==> flow/design.v <==
module my_multiplier #(
    parameter integer DWIDTH = 5
) (
    input  wire clk,
    input  wire RST,
    input  wire [DWIDTH-1:0] arg0,
    input  wire [DWIDTH-1:0] arg1,
    output reg [2*DWIDTH-1:0] p
);
    reg [2*DWIDTH-1:0] nxt;
    integer n;
    always @(*) begin
        nxt = 0;
        for (n = 0; n < DWIDTH; n = n + 1)
            if (arg1[n]) nxt = nxt + (arg0 << n);
    end
    always @(posedge clk or posedge RST) begin
        if (RST) begin
            p <= 0;
        end else begin
            p <= nxt;
        end
    end
endmodule
Reports on my_multiplier
What the tools print for my_multiplier, step after step.
Line numbers count from 1 in the design file above.
Cell names lack the library's common part.
{"block": "design", "design": "my_multiplier", "clock": "clk", "lib": "sky130hd", "corner": "tt_025C_1v80"}

Elaborated design
Yosys after proc, flatten, opt, wreduce and memory -nomap, before mapping. Enables and synchronous resets that opt folds into registers are not counted as muxes. Memory bits, and registers merged into a memory's read port (data or address), are not among the register bits. Print and check cells are not counted. Equal cells are merged and count once.
{"block": "word_totals", "in_bits": 12, "ff_bits": 10}
{"block": "classes", "muxes": 5, "add_sub_neg": 4}
{"block": "ops", "op": "two-way mux 10 bit", "n": 4}
{"block": "ops", "op": "adder 10 x 6 -> 10 bit", "n": 1}
{"block": "ops", "op": "adder 10 x 7 -> 10 bit", "n": 1}
{"block": "ops", "op": "adder 10 x 8 -> 10 bit", "n": 1}
{"block": "ops", "op": "adder 10 x 9 -> 10 bit", "n": 1}
{"block": "ops", "op": "two-way mux 5 bit", "n": 1}

Depth
Depth = most cells in a row (Yosys ltp): at word level without a register or memory, in the mapped netlist without a sequential cell, where the memories' decode and read muxes count.
{"block": "depth", "ltp_word": 9, "abc_area": 0, "mapped_depth": 22}

Netlist
The flow's flattened synthesis, as Yosys stat reports it; memories are mapped. The netlist is that of the ABC_AREA named above (0 if unset); the other value can give another one.
Totals and module areas in this step are rounded.
{"block": "mapped", "n_buf": 4, "ff_cells": 10, "cell_count": 133, "sequential_area_um2": 250, "area_um2": 1240}
{"block": "types", "cell": "dfrtp_1", "n": 10, "type_area_um2": 250.24}
{"block": "types", "cell": "ha_1", "n": 20, "type_area_um2": 250.24}
{"block": "types", "cell": "fa_1", "n": 4, "type_area_um2": 80.077}
{"block": "types", "cell": "mux2_2", "n": 6, "type_area_um2": 67.565}
{"block": "types", "cell": "xnor2_1", "n": 7, "type_area_um2": 61.309}
{"block": "types", "cell": "a21o_1", "n": 8, "type_area_um2": 60.058}
{"block": "types", "cell": "a21oi_1", "n": 10, "type_area_um2": 50.048}
{"block": "types", "cell": "nand2_1", "n": 10, "type_area_um2": 37.536}
{"block": "types", "cell": "xor2_1", "n": 4, "type_area_um2": 35.034}
{"block": "types", "cell": "and2_1", "n": 4, "type_area_um2": 25.024}
{"block": "types", "cell": "nand2b_1", "n": 4, "type_area_um2": 25.024}
{"block": "types", "cell": "inv_1", "n": 6, "type_area_um2": 22.522}
{"block": "types", "cell": "o21a_1", "n": 3, "type_area_um2": 22.522}
{"block": "types", "cell": "nand3_1", "n": 4, "type_area_um2": 20.019}
{"block": "types", "cell": "a32oi_2", "n": 1, "type_area_um2": 16.266}
{"block": "types", "cell": "a311oi_2", "n": 1, "type_area_um2": 15.014}
{"block": "types", "cell": "clkbuf_1", "n": 4, "type_area_um2": 15.014}
{"block": "types", "cell": "nor2_1", "n": 4, "type_area_um2": 15.014}
Other cell types: 20; their cells: 23.

Worst setup path after synthesis
OpenSTA on the mapped netlist: ideal clock, no wires. The path of least setup slack (recovery checks aside). Input and output delay are each 20% of the period. Register names are those of the netlist, which keeps one name where synthesis merged equal registers.
{"block": "synth_timing", "path_kind": "input-to-reg", "from": "in arg0[2]", "to": "reg p[8]", "period_ps": 6740, "path_buffers": 0, "setup_time_ps": 125, "delay_ps": 4311, "setup_slack_ps": 1082, "t_required_ps": 6615, "arrival_ps": 5534, "launch_ps": 1348, "path_stages": 21, "period_less_setup_slack_ps": 5658}
"delay_ps" = arrival - input delay + setup time.
"path_stages": output pins that drive a net of the path, with the launching flip-flop's if there is one; two outputs of one cell count as two.
"period_less_setup_slack_ps" = period - worst setup slack (recovery checks aside). The figure is calculated, with input and output delays left at 20% of the set period.
Between the ends stands the longest chain of elaborated cells between them, by number of cells; it is not shown to be the way that was timed. Of several equally long chains one is given.
A line is the first line of the expression or statement that the cell stems from. Yosys adds cells for indexed reads and writes and turns some case tables into memories.
{"block": "synth_via", "path_cell_list": "nand2_1 > inv_1 > ha_1 > a21o_1 > maj3_1 > xor2_1 > a21o_1 > ha_1 > xor2_1 > nand2_1 > o21a_1 > fa_1 > a21o_1 > a211oi_1 > nor2_1 > ha_1 > fa_1 > a21o_1 > a21oi_1 > xnor2_1 > mux2_2", "elab_chain_cells": 9}
{"block": "synth_lines", "item": "from (decl)", "line_no": 6, "text": "input  wire [DWIDTH-1:0] arg0,"}
{"block": "synth_lines", "item": "two-way mux 5 bit", "line_no": 15, "text": "if (arg1[n]) nxt = nxt + (arg0 << n);"}
{"block": "synth_lines", "item": "adder 10 x 6 -> 10 bit", "line_no": 15}
{"block": "synth_lines", "item": "two-way mux 10 bit", "line_no": 15}
{"block": "synth_lines", "item": "adder 10 x 7 -> 10 bit", "line_no": 15}
{"block": "synth_lines", "item": "two-way mux 10 bit", "line_no": 15}
{"block": "synth_lines", "item": "adder 10 x 8 -> 10 bit", "line_no": 15}
{"block": "synth_lines", "item": "two-way mux 10 bit", "line_no": 15}
{"block": "synth_lines", "item": "adder 10 x 9 -> 10 bit", "line_no": 15}
{"block": "synth_lines", "item": "two-way mux 10 bit", "line_no": 15}
{"block": "synth_lines", "item": "to (assign)", "line_no": 19, "text": "p <= 0;"}
{"block": "synth_lines", "item": "to (assign)", "line_no": 21, "text": "p <= nxt;"}
{"block": "synth_lines", "item": "to (decl)", "line_no": 8, "text": "output reg [2*DWIDTH-1:0] p"}

Timing after layout
From the final timing report of run 3: the path of least setup slack in the routed layout; clock arrival at registers is part of the times.
The path's times are printed in steps of 10 ps; the period is the one set.
{"block": "layout_timing", "path_kind": "input-to-reg", "from": "in arg1[0]", "to": "reg p[8]", "setup_slack_ps": 440, "launch_ps": 1350, "arrival_ps": 6440, "path_buffers": 1, "setup_time_ps": 120, "period_ps": 6740, "path_stages": 22, "t_required_ps": 6880}
Between the ends stands the longest chain of elaborated cells between them, by number of cells; it is not shown to be the way that was timed. Of several equally long chains one is given.
{"block": "layout_via", "path_cell_list": "clkdlybuf4s50_1 > and2_1 > ha_1 > inv_1 > fa_1 > mux2i_1 > ha_1 > inv_1 > fa_1 > xor2_1 > nand2_1 > o21a_1 > fa_1 > a21o_1 > a211oi_1 > nor2_1 > ha_1 > fa_1 > a21o_1 > a21oi_1 > xnor2_1 > mux2_2", "elab_chain_cells": 9}
{"block": "layout_lines", "item": "from (decl)", "line_no": 7, "text": "input  wire [DWIDTH-1:0] arg1,"}
{"block": "layout_lines", "item": "two-way mux 5 bit", "line_no": 15, "text": "if (arg1[n]) nxt = nxt + (arg0 << n);"}
{"block": "layout_lines", "item": "adder 10 x 6 -> 10 bit", "line_no": 15}
{"block": "layout_lines", "item": "two-way mux 10 bit", "line_no": 15}
{"block": "layout_lines", "item": "adder 10 x 7 -> 10 bit", "line_no": 15}
{"block": "layout_lines", "item": "two-way mux 10 bit", "line_no": 15}
{"block": "layout_lines", "item": "adder 10 x 8 -> 10 bit", "line_no": 15}
{"block": "layout_lines", "item": "two-way mux 10 bit", "line_no": 15}
{"block": "layout_lines", "item": "adder 10 x 9 -> 10 bit", "line_no": 15}
{"block": "layout_lines", "item": "two-way mux 10 bit", "line_no": 15}
{"block": "layout_lines", "item": "to (assign)", "line_no": 19, "text": "p <= 0;"}
{"block": "layout_lines", "item": "to (assign)", "line_no": 21, "text": "p <= nxt;"}
{"block": "layout_lines", "item": "to (decl)", "line_no": 8, "text": "output reg [2*DWIDTH-1:0] p"}

Data sheet: physical implementation of my_multiplier

3 stored runs of my_multiplier in the flow (synthesis by Yosys, layout by OpenROAD, sky130hd cells), in arbitrary order. Constraints: input delay and output delay 20% of the set period each, output load 0.01 pF.
"achieved_clock_period_ps" = clock period - worst setup slack. The figure is calculated, with input and output delays left at 20% of the set period.
By "worst_setup_path_time_ps" is meant the share of the clock period that the worst setup path is allowed (20% is reserved at inputs, 20% at outputs), minus its slack. Clock arrival times at its registers enter into it.
By "design_power_mw" is meant OpenSTA's value without simulated activity: inputs other than the clock are taken to toggle once in ten clock periods, and the tool carries that through the logic.
"worst_setup_path_time_ps" is known to 10 ps.
Results are given in rounded form.

{"run": "run 1", "settings": { "period_ns": 4.12, "CORE_UTILIZATION": 50, "PLACE_DENSITY_LB_ADDON": 0.07, "CORE_ASPECT_RATIO": 0.88, "CORE_MARGIN": 2, "CELL_PAD_IN_SITES_DETAIL_PLACEMENT": 1, "ABC_AREA": 0, "GPL_ROUTABILITY_DRIVEN": 1, "CAP_MARGIN": 0, "MIN_ROUTING_LAYER": "met2", "MAX_ROUTING_LAYER": "met5", "SLEW_MARGIN": 20 }, "outcome": "no results, placement failed with DPL-0033"}
{"run": "run 2", "settings": { "period_ns": 7.16, "CORE_UTILIZATION": 65, "SETUP_SLACK_MARGIN": 1.56, "PLACE_DENSITY": 0.71, "CORE_MARGIN": 10, "TNS_END_PERCENT": 5, "GPL_TIMING_DRIVEN": 1, "CTS_CLUSTER_SIZE": 33, "SLEW_MARGIN": 5, "CAP_MARGIN": 20 }, "outcome": "no results, clock tree synthesis failed with DPL-0033"}
{"run": "run 3", "settings": { "period_ns": 6.74, "CAP_MARGIN": 20, "CORE_MARGIN": 2, "CORE_UTILIZATION": 40, "SLEW_MARGIN": 20 }, "results": { "worst_setup_path_time_ps": 4960, "worst_setup_path_type": "input-to-reg", "worst_setup_slack_ps": 436, "final_stdcell_area_um2": 1560, "finish.utilization_pct": 51.8, "achieved_clock_period_ps": 6304, "fin_tns_ps": 0, "die_footprint_um2": 3570, "synthArea_um2": 1240, "design_power_mw": 0.312 }}
